==> flow/design.v <==
module gen_comparator_rtl #(
    parameter integer WD = 56
) (
    input wire sys_clk,
    input wire [WD-1:0] opa,
    input wire [WD-1:0] opb,
    input wire [WD-1:0] opc,
    output reg between
);
    reg [WD-1:0] opa_s;
    reg [WD-1:0] opb_s;
    reg [WD-1:0] opc_s;
    always @(posedge sys_clk) begin
        opa_s <= opa;
        opb_s <= opb;
        opc_s <= opc;
        between <= (opa_s >= opb_s) && (opa_s <= opc_s);
    end
endmodule
* Step by step through the tools: gen_comparator_rtl *
Tool output for the design above, in the order of the flow.
Lines are those of the file above, counted from 1.
Operators carry their Yosys type and port widths (W data, S select, Z words).
Cell names lack the library's common part.
A cell with n/a has no value.

inputs
  design top = gen_comparator_rtl
  clock = sys_clk
  cell library = sky130hd
  corner = tt_025C_1v80

* Elaborated design *
Yosys after proc, flatten, opt, wreduce and memory -nomap, before mapping. Enables and synchronous resets that opt folds into registers are not counted as muxes. Memory bits, and registers merged into a memory's read port (data or address), are not among the register bits. Print and check cells are not counted. Equal cells are merged and count once.

storage and ports
  elaborated cells = 7
  register bits after elaboration = 169

cells by class
  order comparisons = 2
  reductions and logical operators = 1

operators with widths
  operator             number
  $ge A56 B56 Y1       1
  $le A56 B56 Y1       1
  $logic_and A1 B1 Y1  1

* Depth *
Longest topological path by Yosys (ltp), each cell counted once; first at word level (registers and memories cut), then after technology mapping (sequential cells cut; the memories' decode and read muxes count).

depth
  depth after elaboration = 2
  ABC_AREA = 0
  depth in mapped cells = 9
  mapped depth without buffers = 9

* After synthesis *
Yosys stat after the flow's synthesis: flattened, memories mapped to cells. It holds for the ABC_AREA given above (unset counts as 0); a run with the other value may have another netlist.
Totals and module areas in this step are rounded.

cell types
  type       number
  dfxtp_1    169
  ha_1       112
  inv_1      115
  a21oi_1    41
  nand2_1    35
  nand4_1    16
  a21o_1     13
  o21ai_0    14
  a221oi_1   5
  nor2_1     10
  nor4_2     3
  a211oi_1   4
  o211ai_1   4
  o21a_1     3
  nor4_4     1
  a2111oi_0  2
  nand3_1    3
  nor2b_1    2

Not listed: further types 13, cells in them 13.

synthesis totals
  cell area after synthesis = 6190 um^2
  mapped flip-flops = 169
  standard cells after synthesis = 565

* Timing after synthesis *
Path of least setup slack by OpenSTA after synthesis, without wires, with an ideal clock, recovery checks aside; 20% of the period is set as input and as output delay. Where synthesis merged equal registers, the netlist keeps one of their names.

path after synthesis
  path kind = register -> register
  start point = register opc_s[21]
  end point = register between
  time at the first pin = 0.000 ns
  delay of the path = 1.790 ns
  setup time = 0.066 ns
  arrival time = 1.724 ns
  period = 2.24 ns
  slack = 0.450 ns
  stages on the path = 8
  period reached after synthesis = 1.79 ns

"delay of the path" = arrival - input delay + setup time.
"stages on the path": output pins that drive a net of the path, with the launching flip-flop's if there is one; two outputs of one cell count as two.
"period reached after synthesis" = period - worst setup slack (recovery checks aside). The figure is calculated, with input and output delays left at 20% of the set period.
Between the ends stands the longest chain of elaborated cells between them, by number of cells; it is not shown to be the way that was timed. Of several equally long chains one is given.
Each line given opens the expression or statement behind the cell; cells for indexed reads and writes are added by Yosys, which also makes memories of some case tables.

on the way, after synthesis
  cells stage by stage = dfxtp_1 inv_1 ha_1 nand4_1 or4_1 nor4_1 nand2_1 a21boi_2
  length of the longest elaborated chain = 2

RTL lines, path after synthesis
  element              line  RTL
  start, declared      12    reg [WD-1:0] opc_s;
  start, assigned      16    opc_s <= opc;
  $le A56 B56 Y1       17    between <= (opa_s >= opb_s) && (opa_s <= opc_s);
  $logic_and A1 B1 Y1  17
  end, assigned        17
  end, declared        8     output reg between

* Timing after layout *
From the final timing report of flow run 1: the path of least setup slack in the routed layout; clock arrival at registers is part of the times.

path post-layout
  path kind = register -> register
  start point = register opb_s[51]
  end point = register between
  period = 2.74 ns
  setup time = 0.06 ns
  slack = 0.51 ns
  stages on the path = 9
  time at the first pin = 0.43 ns
  arrival time = 2.59 ns

Between the ends stands the longest chain of elaborated cells between them, by number of cells; it is not shown to be the way that was timed. Of several equally long chains one is given.

on the way, post-layout
  cells stage by stage = dfxtp_1 inv_1 ha_1 nand4_1 nor4_2 nand2_1 a2111o_1 o21ai_0 a21boi_2
  length of the longest elaborated chain = 2

RTL lines, path post-layout
  element              line  RTL
  start, declared      11    reg [WD-1:0] opb_s;
  start, assigned      15    opb_s <= opb;
  $ge A56 B56 Y1       17    between <= (opa_s >= opb_s) && (opa_s <= opc_s);
  $logic_and A1 B1 Y1  17
  end, assigned        17
  end, declared        8     output reg between

==> runs of gen_comparator_rtl <==
Top module gen_comparator_rtl; platform sky130hd; tools Yosys and OpenROAD; 2 stored runs in no particular order. Input and output delays are each 20% of the period that was set; the output load is 0.01 pF.
"achieved clock period" means the clock period less the worst setup slack. The figure is calculated, with input and output delays left at 20% of the set period.
"worst setup path time" = time allowed to the worst setup path (clock period - input delay - output delay, where it has them) - its slack; a late launch clock adds to it, a late capture clock takes from it.
"power" is the tool's figure for a default switching activity; nothing was simulated.
Measured values are rounded.

Flow run 1
==> flow/run.sh <==
#!/bin/bash
# the make line also repeats the synthesis and layout settings of config.mk as NAME=value (left out here)
make -C /OpenROAD-flow-scripts/flow DESIGN_CONFIG=/design/flow/config.mk WORK_HOME=/design/flow/orfs CLKGATE_MAP_FILE= finish
==> flow/config.mk <==
export PLATFORM = sky130hd
export DESIGN_NAME = gen_comparator_rtl
export DESIGN_NICKNAME = gen_comparator_rtl
export VERILOG_FILES = /design/flow/design.v
export SDC_FILE = /design/flow/constraint.sdc
export NUM_CORES = 4
export LEC_CHECK = 0
export CAP_MARGIN = 40
export CELL_PAD_IN_SITES_DETAIL_PLACEMENT = 2
export CELL_PAD_IN_SITES_GLOBAL_PLACEMENT = 2
export CORE_MARGIN = 10
export CORE_UTILIZATION = 26
export CTS_CLUSTER_DIAMETER = 349
export CTS_CLUSTER_SIZE = 51
export GPL_ROUTABILITY_DRIVEN = 1
export GPL_TIMING_DRIVEN = 0
export HOLD_SLACK_MARGIN = -0.01
export MAX_ROUTING_LAYER = met4
export PLACE_DENSITY = 0.41
export SLEW_MARGIN = 20
export TNS_END_PERCENT = 100
==> flow/constraint.sdc <==
create_clock -name core_clock -period 2.74 [get_ports {sys_clk}]
set_input_delay 0.5480 -clock core_clock [delete_from_list [all_inputs] [get_ports {sys_clk}]]
set_output_delay 0.5480 -clock core_clock [all_outputs]
set_load 0.01 [all_outputs]

==> results of flow run 1 <==
chip area after synthesis (Yosys): 6190 um^2
die area: 30400 um^2
standard-cell area of the final layout: 8890 um^2
worst setup slack after layout: 0.510 ns
total negative slack: 0.000 ns
worst hold slack: 0.557 ns
power: 5760 µW
achieved clock period: 2.230 ns
worst setup path time: 2.23 ns
worst setup path kind: register -> register

Flow run 2
==> flow/run.sh <==
#!/bin/bash
# the make line also repeats the synthesis and layout settings of config.mk as NAME=value (left out here)
make -C /OpenROAD-flow-scripts/flow DESIGN_CONFIG=/design/flow/config.mk WORK_HOME=/design/flow/orfs CLKGATE_MAP_FILE= finish
==> flow/config.mk <==
export PLATFORM = sky130hd
export DESIGN_NAME = gen_comparator_rtl
export DESIGN_NICKNAME = gen_comparator_rtl
export VERILOG_FILES = /design/flow/design.v
export SDC_FILE = /design/flow/constraint.sdc
export NUM_CORES = 4
export LEC_CHECK = 0
export CAP_MARGIN = 20
export CORE_MARGIN = 2
export CORE_UTILIZATION = 40
export SLEW_MARGIN = 20
==> flow/constraint.sdc <==
create_clock -name core_clock -period 2.24 [get_ports {sys_clk}]
set_input_delay 0.4480 -clock core_clock [delete_from_list [all_inputs] [get_ports {sys_clk}]]
set_output_delay 0.4480 -clock core_clock [all_outputs]
set_load 0.01 [all_outputs]

==> results of flow run 2 <==
chip area after synthesis (Yosys): 6190 um^2
die area: 16500 um^2
standard-cell area of the final layout: 8700 um^2
worst setup slack after layout: 0.199 ns
total negative slack: 0.000 ns
worst hold slack: 0.471 ns
power: 6690 µW
achieved clock period: 2.041 ns
worst setup path time: 2.04 ns
worst setup path kind: register -> register
